==> flow/design.v <==
module data_mux_mod #(
   parameter int WD = 10
) (
   input logic CLK,
   input logic aresetn,
   input logic [WD-1:0] d0,
   input logic [WD-1:0] d1,
   input logic [WD-1:0] d2,
   input logic [WD-1:0] d3,
   input logic [WD-1:0] d4,
   input logic [2:0] s,
   output logic [WD-1:0] z_o
);
   logic [WD-1:0] d0_ff;
   always_ff @(posedge CLK) begin
      if (~aresetn) begin
         d0_ff <= '0;
      end else begin
         d0_ff <= d0;
      end
   end
   logic [WD-1:0] d1_ff;
   always_ff @(posedge CLK) begin
      if (~aresetn) begin
         d1_ff <= '0;
      end else begin
         d1_ff <= d1;
      end
   end
   logic [WD-1:0] d2_ff;
   always_ff @(posedge CLK) begin
      if (~aresetn) begin
         d2_ff <= '0;
      end else begin
         d2_ff <= d2;
      end
   end
   logic [WD-1:0] d3_ff;
   always_ff @(posedge CLK) begin
      if (~aresetn) begin
         d3_ff <= '0;
      end else begin
         d3_ff <= d3;
      end
   end
   logic [WD-1:0] d4_ff;
   always_ff @(posedge CLK) begin
      if (~aresetn) begin
         d4_ff <= '0;
      end else begin
         d4_ff <= d4;
      end
   end
   logic [2:0] s_ff;
   always_ff @(posedge CLK) begin
      if (~aresetn) begin
         s_ff <= '0;
      end else begin
         s_ff <= s;
      end
   end
   logic [WD-1:0] cur;
   always_comb begin
      case (s_ff)
         0: cur = d0_ff;
         1: cur = d1_ff;
         2: cur = d2_ff;
         3: cur = d3_ff;
         default: cur = d4_ff;
      endcase
   end
   logic [WD-1:0] z_o_ff;
   always_ff @(posedge CLK) begin
      if (~aresetn) begin
         z_o_ff <= '0;
      end else begin
         z_o_ff <= cur;
      end
   end
   assign z_o = z_o_ff;
endmodule
; From RTL to reports: data_mux_mod
; The steps from the RTL of data_mux_mod to its reports follow in flow order.
; Lines are those of the file above, counted from 1.
; Operators carry their Yosys type and port widths (W data, S select, Z words).
; A cell with - has no value.
[inputs]
top_module = data_mux_mod
clock_port = CLK
cell_library = sky130hd
pvt_corner = tt_025C_1v80

; Word level
; Yosys after proc, flatten, opt, wreduce and memory -nomap, before mapping. Enables and synchronous resets that opt folds into registers are not counted as muxes. Memory bits, and registers merged into a memory's read port (data or address), are not among the register bits. Print and check cells are not counted. Equal cells are merged and count once.
[bits]
register_bits = 63
inputBits = 55
out_inout_bits = 10
wordCells = 12
[classes]
equal = 3
n_mux = 1
reduce_and_logical = 1
[op_table]
columns = operator, n
row1 = $pmux W10 S4, 1
row2 = $eq A3 B2 Y1 const B, 2
row3 = $eq A3 B1 Y1 const B, 1
row4 = $logic_not A3 Y1, 1

; Logic depth
; Longest topological path by Yosys (ltp), each cell counted once; first at word level (registers and memories cut), then after technology mapping (sequential cells cut; the memories' decode and read muxes count).
[logic_depth]
ltp_word = 2
ABC_AREA = 0
depth_mapped = 5
mapped_depth_nobuf = 3

; After synthesis
; The flow's flattened synthesis, as Yosys stat reports it; memories are mapped. The netlist is that of the ABC_AREA named above (0 if unset); the other value can give another one.
[synth_totals]
mapped_cells = 177
synth_area_mm2 = 0.002097
ff_cells = 63
[by_type]
columns = cell, n, type_area_um2
row1 = sky130_fd_sc_hd__dfxtp_1, 63, 1261.21
row2 = sky130_fd_sc_hd__and2_1, 53, 331.568
row3 = sky130_fd_sc_hd__mux2i_1, 10, 100.096
row4 = sky130_fd_sc_hd__o311a_1, 8, 80.077
row5 = sky130_fd_sc_hd__nor4b_1, 8, 70.067
row6 = sky130_fd_sc_hd__a221oi_1, 7, 61.309
row7 = sky130_fd_sc_hd__mux4_2, 2, 45.043
row8 = sky130_fd_sc_hd__clkbuf_1, 8, 30.029
row9 = sky130_fd_sc_hd__inv_1, 8, 30.029
row10 = sky130_fd_sc_hd__buf_6, 2, 22.522
row11 = sky130_fd_sc_hd__buf_12, 1, 20.019
row12 = sky130_fd_sc_hd__a221oi_2, 1, 15.014
row13 = sky130_fd_sc_hd__nor2b_1, 2, 12.512
row14 = sky130_fd_sc_hd__buf_2, 2, 10.01
row15 = sky130_fd_sc_hd__nand2_1, 1, 3.754
row16 = sky130_fd_sc_hd__nor2_1, 1, 3.754

; Path before layout
; Source: OpenSTA report_checks on the synthesized netlist (no wires, ideal clock, input and output delay 20% of the period each), path of least setup slack; recovery checks are left aside. Register names are those of the netlist, which keeps one name where synthesis merged equal registers.
[synth_timing]
kind = reg-to-reg
start = reg s_ff[0]
end = reg z_o_ff[1]
period_ps = 1550
setup_time_ps = 116
t_first_pin_ps = 0
t_arrival_ps = 1125
required_ps = 1434
slack_ps = 309
delay_ps = 1241
path_stages = 5
period_less_setup_slack_ps = 1241
; "delay_ps" is the arrival time less input delay plus setup time.
; "path_stages" counts driving pins, that of a launching flip-flop among them; a cell with two outputs on the path counts twice.
; "period_less_setup_slack_ps" = period - worst setup slack (recovery checks aside). The figure is calculated, with input and output delays left at 20% of the set period.
; Between the ends stands the longest chain of elaborated cells between them, by number of cells; it is not shown to be the way that was timed. Of several equally long chains one is given.
; Each line given opens the expression or statement behind the cell; cells for indexed reads and writes are added by Yosys, which also makes memories of some case tables.
[synth_via]
cell_sequence = sky130_fd_sc_hd__dfxtp_1 > sky130_fd_sc_hd__buf_6 > sky130_fd_sc_hd__mux4_2 > sky130_fd_sc_hd__mux2i_1 > sky130_fd_sc_hd__nor2b_1
elab_chain_cells = 2
cells_between = 5
cone_classes = eq/ne: 3; mux: 1; reduce/logical: 1
[synth_lines]
columns = item, line_no
row1 = from (decl), 54  ; logic [2:0] s_ff;
row2 = from (assign), 57  ; s_ff <= '0;
row3 = from (assign), 59  ; s_ff <= s;
row4 = $eq A3 B2 Y1, 64  ; case (s_ff)
row5 = $pmux W10 S4, 64
row6 = to (assign), 75  ; z_o_ff <= '0;
row7 = to (assign), 77  ; z_o_ff <= cur;
row8 = to (decl), 72  ; logic [WD-1:0] z_o_ff;

; Path in the finished layout
; Path of least setup slack in the final report of run 1 (OpenROAD, finished layout, wires in). Where an end is a register, its clock arrival counts in the times.
; The report prints the path's times to 10 ps; the period is as set.
[layout_timing]
kind = reg-to-output
start = reg z_o_ff[9]
end = out z_o[9]
period_ps = 1550
output_delay_ps = 310
t_first_pin_ps = 330
t_arrival_ps = 1180
required_ps = 1240
slack_ps = 60
path_stages = 2
[layout_via]
cell_sequence = sky130_fd_sc_hd__dfxtp_1 > sky130_fd_sc_hd__clkdlybuf4s50_1
elab_chain_cells = 0
cells_between = 0
[layout_lines]
columns = item, line_no
row1 = from (decl), 72  ; logic [WD-1:0] z_o_ff;
row2 = from (assign), 75  ; z_o_ff <= '0;
row3 = from (assign), 77  ; z_o_ff <= cur;
row4 = to (decl), 12  ; output logic [WD-1:0] z_o

Wiki page: data_mux_mod / flow data

Top module data_mux_mod; platform sky130hd; tools Yosys and OpenROAD; 3 stored runs in no particular order. Input and output delays are each 20% of the period that was set; the output load is 0.01 pF.
"achieved_clock_period_ps" is the run's clock period less its worst setup slack. It is reckoned from that one timing run; input and output delays stay at 20% of the period that was set.
"worst_path_allowed_less_slack_ps" is the time allowed to the run's worst setup path (the clock period less input and output delay, where it has them) less its slack. Clock arrival times count: a late capture clock shortens it, a late launch clock lengthens it.
"design_power_w" rests on the timing tool's default activity at the inputs, not on a simulated workload.
"worst_path_allowed_less_slack_ps" is known to 10 ps.

# run 1
==> flow/run.sh <==
#!/bin/bash
# the make line also repeats the synthesis and layout settings of config.mk as NAME=value (left out here)
make -C /OpenROAD-flow-scripts/flow DESIGN_CONFIG=/design/flow/config.mk WORK_HOME=/design/flow/orfs CLKGATE_MAP_FILE= finish
==> flow/config.mk <==
export PLATFORM = sky130hd
export DESIGN_NAME = data_mux_mod
export DESIGN_NICKNAME = data_mux_mod
export VERILOG_FILES = /design/flow/design.v
export SDC_FILE = /design/flow/constraint.sdc
export NUM_CORES = 4
export LEC_CHECK = 0
export CAP_MARGIN = 20
export CORE_MARGIN = 2
export CORE_UTILIZATION = 40
export SLEW_MARGIN = 20
==> flow/constraint.sdc <==
create_clock -name core_clock -period 1.55 [get_ports {CLK}]
set_input_delay 0.3100 -clock core_clock [delete_from_list [all_inputs] [get_ports {CLK}]]
set_output_delay 0.3100 -clock core_clock [all_outputs]
set_load 0.01 [all_outputs]

==> run 1: results <==
finish.utilization_pct=59.6
worst_path_allowed_less_slack_ps=1180
worstPathKind="reg-to-output"
total_negative_slack_ps=0
fin_ws_ps=58
achieved_clock_period_ps=1492
final_hold_ws_ps=488
design_power_w=0.003495
final_die_area_mm2=0.0058377
post_route_stdcell_area_mm2=0.0030267
synthArea_mm2=0.002097

# run 2
==> flow/run.sh <==
#!/bin/bash
# the make line also repeats the synthesis and layout settings of config.mk as NAME=value (left out here)
make -C /OpenROAD-flow-scripts/flow DESIGN_CONFIG=/design/flow/config.mk WORK_HOME=/design/flow/orfs CLKGATE_MAP_FILE= finish
==> flow/config.mk <==
export PLATFORM = sky130hd
export DESIGN_NAME = data_mux_mod
export DESIGN_NICKNAME = data_mux_mod
export VERILOG_FILES = /design/flow/design.v
export SDC_FILE = /design/flow/constraint.sdc
export NUM_CORES = 4
export LEC_CHECK = 0
export CAP_MARGIN = 20
export CELL_PAD_IN_SITES_DETAIL_PLACEMENT = 0
export CORE_ASPECT_RATIO = 1.13
export CORE_MARGIN = 2
export CORE_UTILIZATION = 60
export CTS_CLUSTER_DIAMETER = 291
export PLACE_DENSITY_LB_ADDON = 0.11
export SETUP_SLACK_MARGIN = -0.11
export SLEW_MARGIN = 20
==> flow/constraint.sdc <==
create_clock -name core_clock -period 2.02 [get_ports {CLK}]
set_input_delay 0.4040 -clock core_clock [delete_from_list [all_inputs] [get_ports {CLK}]]
set_output_delay 0.4040 -clock core_clock [all_outputs]
set_load 0.01 [all_outputs]

==> run 2: results <==
final_hold_ws_ps=493
post_route_stdcell_area_mm2=0.0028728
achieved_clock_period_ps=1649
worst_path_allowed_less_slack_ps=1240
worstPathKind="reg-to-output"
design_power_w=0.002405
final_die_area_mm2=0.003985
fin_ws_ps=371
total_negative_slack_ps=0
synthArea_mm2=0.002097
finish.utilization_pct=87.0

# run 3
==> flow/run.sh <==
#!/bin/bash
# the make line also repeats the synthesis and layout settings of config.mk as NAME=value (left out here)
make -C /OpenROAD-flow-scripts/flow DESIGN_CONFIG=/design/flow/config.mk WORK_HOME=/design/flow/orfs CLKGATE_MAP_FILE= finish
==> flow/config.mk <==
export PLATFORM = sky130hd
export DESIGN_NAME = data_mux_mod
export DESIGN_NICKNAME = data_mux_mod
export VERILOG_FILES = /design/flow/design.v
export SDC_FILE = /design/flow/constraint.sdc
export NUM_CORES = 4
export LEC_CHECK = 0
export CAP_MARGIN = 20
export CELL_PAD_IN_SITES_DETAIL_PLACEMENT = 0
export CORE_MARGIN = 2
export CORE_UTILIZATION = 33
export GPL_TIMING_DRIVEN = 0
export MIN_ROUTING_LAYER = met2
export PLACE_DENSITY_LB_ADDON = 0.24
export SETUP_SLACK_MARGIN = 0.19
export SLEW_MARGIN = 0
==> flow/constraint.sdc <==
create_clock -name core_clock -period 1.27 [get_ports {CLK}]
set_input_delay 0.2540 -clock core_clock [delete_from_list [all_inputs] [get_ports {CLK}]]
set_output_delay 0.2540 -clock core_clock [all_outputs]
set_load 0.01 [all_outputs]

==> run 3: results <==
total_negative_slack_ps=-5
fin_ws_ps=-5
worst_path_allowed_less_slack_ps=1280
worstPathKind="reg-to-reg"
synthArea_mm2=0.002097
finish.utilization_pct=49.8
final_hold_ws_ps=342
design_power_w=0.004053
achieved_clock_period_ps=1275
final_die_area_mm2=0.0070082
post_route_stdcell_area_mm2=0.003108
